==> flow/design.v <==
module mag_cmp_n #(
   parameter W = 16
) (
   input logic sys_clk,
   input logic nrst,
   input logic signed [W-1:0] da_in,
   input logic signed [W-1:0] db_in,
   output logic lt_out,
   output logic a_eq_b_out,
   output logic is_gt_out
);
   logic signed [W-1:0] da_reg;
   logic signed [W-1:0] db_reg;
   always_ff @(posedge sys_clk or negedge nrst) begin
      if (!nrst) begin
         da_reg <= '0;
         db_reg <= '0;
         lt_out <= 1'b0;
         a_eq_b_out <= 1'b0;
         is_gt_out <= 1'b0;
      end else begin
         da_reg <= da_in;
         db_reg <= db_in;
         lt_out <= (da_reg < db_reg);
         a_eq_b_out <= (da_reg == db_reg);
         is_gt_out <= (da_reg > db_reg);
      end
   end
endmodule
# Step by step through the tools: mag_cmp_n

Tool output for the design above, in the order of the flow.
Line numbers count from 1 in the design file above.
A cell with - has no value.

Design top: mag_cmp_n
Clock input: sys_clk
Library: sky130hd
Corner: tt_025C_1v80

# Word-level counts

Yosys after proc, flatten, opt, wreduce and memory -nomap, before mapping. Enables and synchronous resets that opt folds into registers are not counted as muxes. Memory bits, and registers merged into a memory's read port (data or address), are not among the register bits. Print and check cells are not counted. Equal cells are merged and count once.

Flip-flop bits (word level): 35
Bits of input ports: 34
Output and inout bits: 3

$lt $le $gt $ge: 2
Eq/ne operators: 1

Operators by type and width:

| kind                           | number |
| greater-than comparator 16 bit | 1 |
| < comparator 16 bit            | 1 |
| equality test 16 bit           | 1 |

# Depth

Yosys ltp: most cells in a row. Word level: on the elaborated netlist, between registers, memories and ports. Mapped: between sequential cells and ports; inverters and the memories' decode and read muxes count.

Depth in word-level cells: 1
ABC_AREA: 0
Depth in mapped cells: 7
Mapped depth without buffers: 7

# After synthesis

Yosys stat after the flow's synthesis: flattened, memories mapped to cells. It holds for the ABC_AREA given above (unset counts as 0); a run with the other value may have another netlist.
Totals and module areas in this step are rounded.

Cells by type:

| cell                       | number | total area (µm²) |
| sky130_fd_sc_hd__dfrtp_1   | 35     | 875.84 |
| sky130_fd_sc_hd__ha_1      | 16     | 200.192 |
| sky130_fd_sc_hd__inv_1     | 18     | 67.565 |
| sky130_fd_sc_hd__nand2_1   | 8      | 30.029 |
| sky130_fd_sc_hd__a21oi_1   | 5      | 25.024 |
| sky130_fd_sc_hd__mux2i_1   | 2      | 20.019 |
| sky130_fd_sc_hd__a21o_1    | 2      | 15.014 |
| sky130_fd_sc_hd__nand4_2   | 1      | 12.512 |
| sky130_fd_sc_hd__a2111oi_0 | 1      | 8.758 |
| sky130_fd_sc_hd__a211o_1   | 1      | 8.758 |
| sky130_fd_sc_hd__nand3b_1  | 1      | 7.507 |
| sky130_fd_sc_hd__nor2_1    | 2      | 7.507 |
| sky130_fd_sc_hd__nand4_1   | 1      | 6.256 |
| sky130_fd_sc_hd__nor4_1    | 1      | 6.256 |
| sky130_fd_sc_hd__or3_1     | 1      | 6.256 |
| sky130_fd_sc_hd__nand3_1   | 1      | 5.005 |
| sky130_fd_sc_hd__nor3_1    | 1      | 5.005 |
| sky130_fd_sc_hd__o21ai_0   | 1      | 5.005 |

Cell count: 98
Synthesis area: 1300 µm²
Sequential area: 880 µm²
Flip-flops: 35
Buffer cells: 0

# Timing after synthesis

Path of least setup slack by OpenSTA after synthesis, without wires, with an ideal clock, recovery checks aside; 20% of the period is set as input and as output delay. Where synthesis merged equal registers, the netlist keeps one of their names.

Kind: reg-to-reg
From: reg da_reg[15]
To: reg lt_out
Clock period: 2.15 ns
Time at the first pin: 0.000 ns
Arrival: 1.597 ns
Data required time: 2.024 ns
Slack: 0.427 ns
Delay of the path: 1.723 ns
Stages on the path: 7
Synthesis period reached: 1.723 ns

"delay of the path" is the arrival time less input delay plus setup time.
"stages on the path": output pins that drive a net of the path, with the launching flip-flop's if there is one; two outputs of one cell count as two.
"synthesis period reached" is the clock period less the worst setup slack; recovery checks do not enter. This is arithmetic on one report: input and output delays are still those of the set period (20% each).
The rows between start and end are the longest chain of elaborated cells between them; the timing report does not say that the signal goes this way. Where chains are equally long, one stands for them.
A line is the first line of the expression or statement that the cell stems from. Yosys adds cells for indexed reads and writes and turns some case tables into memories.

Cells stage by stage: sky130_fd_sc_hd__dfrtp_1 sky130_fd_sc_hd__ha_1 sky130_fd_sc_hd__nand4_2 sky130_fd_sc_hd__nor2_1 sky130_fd_sc_hd__or3_1 sky130_fd_sc_hd__a211o_1 sky130_fd_sc_hd__mux2i_1
Cells in the longest elaborated chain: 1
Elaborated cells on any way between the ends: 1

Ends and longest elaborated chain, post-synthesis:

| element             | RTL line | text |
| start, declared     | 12       | `logic signed [W-1:0] da_reg;` |
| start, assigned     | 16       | `da_reg <= '0;` |
| start, assigned     | 22       | `da_reg <= da_in;` |
| < comparator 16 bit | 24       | `lt_out <= (da_reg < db_reg);` |
| end, assigned       | 18       | `lt_out <= 1'b0;` |
| end, assigned       | 24       |  |
| end, declared       | 8        | `output logic lt_out,` |

# Path in the finished layout

Path of least setup slack in the final report of run 1 (OpenROAD, finished layout, wires in). Where an end is a register, its clock arrival counts in the times.

Kind: reg-to-reg
From: reg da_reg[15]
To: reg lt_out
Clock period: 2.15 ns
Time at the first pin: 0.32 ns
Arrival: 2.02 ns
Data required time: 2.36 ns
Slack: 0.34 ns
Stages on the path: 7

The rows between start and end are the longest chain of elaborated cells between them; the timing report does not say that the signal goes this way. Where chains are equally long, one stands for them.

Cells stage by stage: sky130_fd_sc_hd__dfrtp_1 sky130_fd_sc_hd__ha_1 sky130_fd_sc_hd__nand4_2 sky130_fd_sc_hd__nor2_1 sky130_fd_sc_hd__or3_1 sky130_fd_sc_hd__a211o_1 sky130_fd_sc_hd__mux2i_1
Cells in the longest elaborated chain: 1
Elaborated cells on any way between the ends: 1

Ends and longest elaborated chain, after layout:

| element             | RTL line | text |
| start, declared     | 12       | `logic signed [W-1:0] da_reg;` |
| start, assigned     | 16       | `da_reg <= '0;` |
| start, assigned     | 22       | `da_reg <= da_in;` |
| < comparator 16 bit | 24       | `lt_out <= (da_reg < db_reg);` |
| end, assigned       | 18       | `lt_out <= 1'b0;` |
| end, assigned       | 24       |  |
| end, declared       | 8        | `output logic lt_out,` |

Subject: flow runs of mag_cmp_n

Hi,

Design mag_cmp_n on sky130hd. What follows are 3 stored runs of the flow, each under its own settings; their order means nothing. The constraints put input and output delay at 20% of the set period each and load the outputs with 0.01 pF.
By "period reached" is meant the clock period of the run minus its worst setup slack. This is arithmetic on one report: input and output delays are still those of the set period (20% each).
By "worst path time" is meant the share of the clock period that the worst setup path is allowed (20% is reserved at inputs, 20% at outputs), minus its slack. Clock arrival times at its registers enter into it.
The measured numbers are rounded.
Settings: n/a = not set for that run.

| setting or result                     | run 1      | run 2      | run 3      |
| period_ns                             | 2.15       | 2.21       | 2.32       |
| CAP_MARGIN                            | 20         | 35         | 25         |
| CORE_MARGIN                           | 2          | 2          | 2          |
| CORE_UTILIZATION                      | 40         | 49         | 41         |
| SLEW_MARGIN                           | 20         | 20         | 20         |
| SETUP_SLACK_MARGIN                    | n/a        | 0.08       | -0.02      |
| CORE_ASPECT_RATIO                     | n/a        | 0.96       | 1.27       |
| CELL_PAD_IN_SITES_DETAIL_PLACEMENT    | n/a        | 1          | 0          |
| CTS_CLUSTER_SIZE                      | n/a        | 98         | n/a        |
| MAX_ROUTING_LAYER                     | n/a        | met4       | n/a        |
| PLACE_DENSITY                         | n/a        | n/a        | 0.63       |
| TNS_END_PERCENT                       | n/a        | n/a        | 20         |
| CTS_CLUSTER_DIAMETER                  | n/a        | n/a        | 37         |
| chip area in the Yosys report (µm²)   | 1300       | 1300       | 1300       |
| die size (µm²)                        | 3800       | 3100       | 3700       |
| standard-cell area after layout (µm²) | 1800       | 1800       | 1800       |
| post-layout utilization (%)           | 58         | 70         | 59         |
| lowest setup slack (ns)               | 0.34       | 0.35       | 0.51       |
| total negative slack (ns)             | 0.000      | 0.000      | 0.000      |
| period reached (ns)                   | 1.810      | 1.864      | 1.813      |
| worst path time (ns)                  | 1.81       | 1.86       | 1.81       |
| worst setup path type                 | reg-to-reg | reg-to-reg | reg-to-reg |

Regards
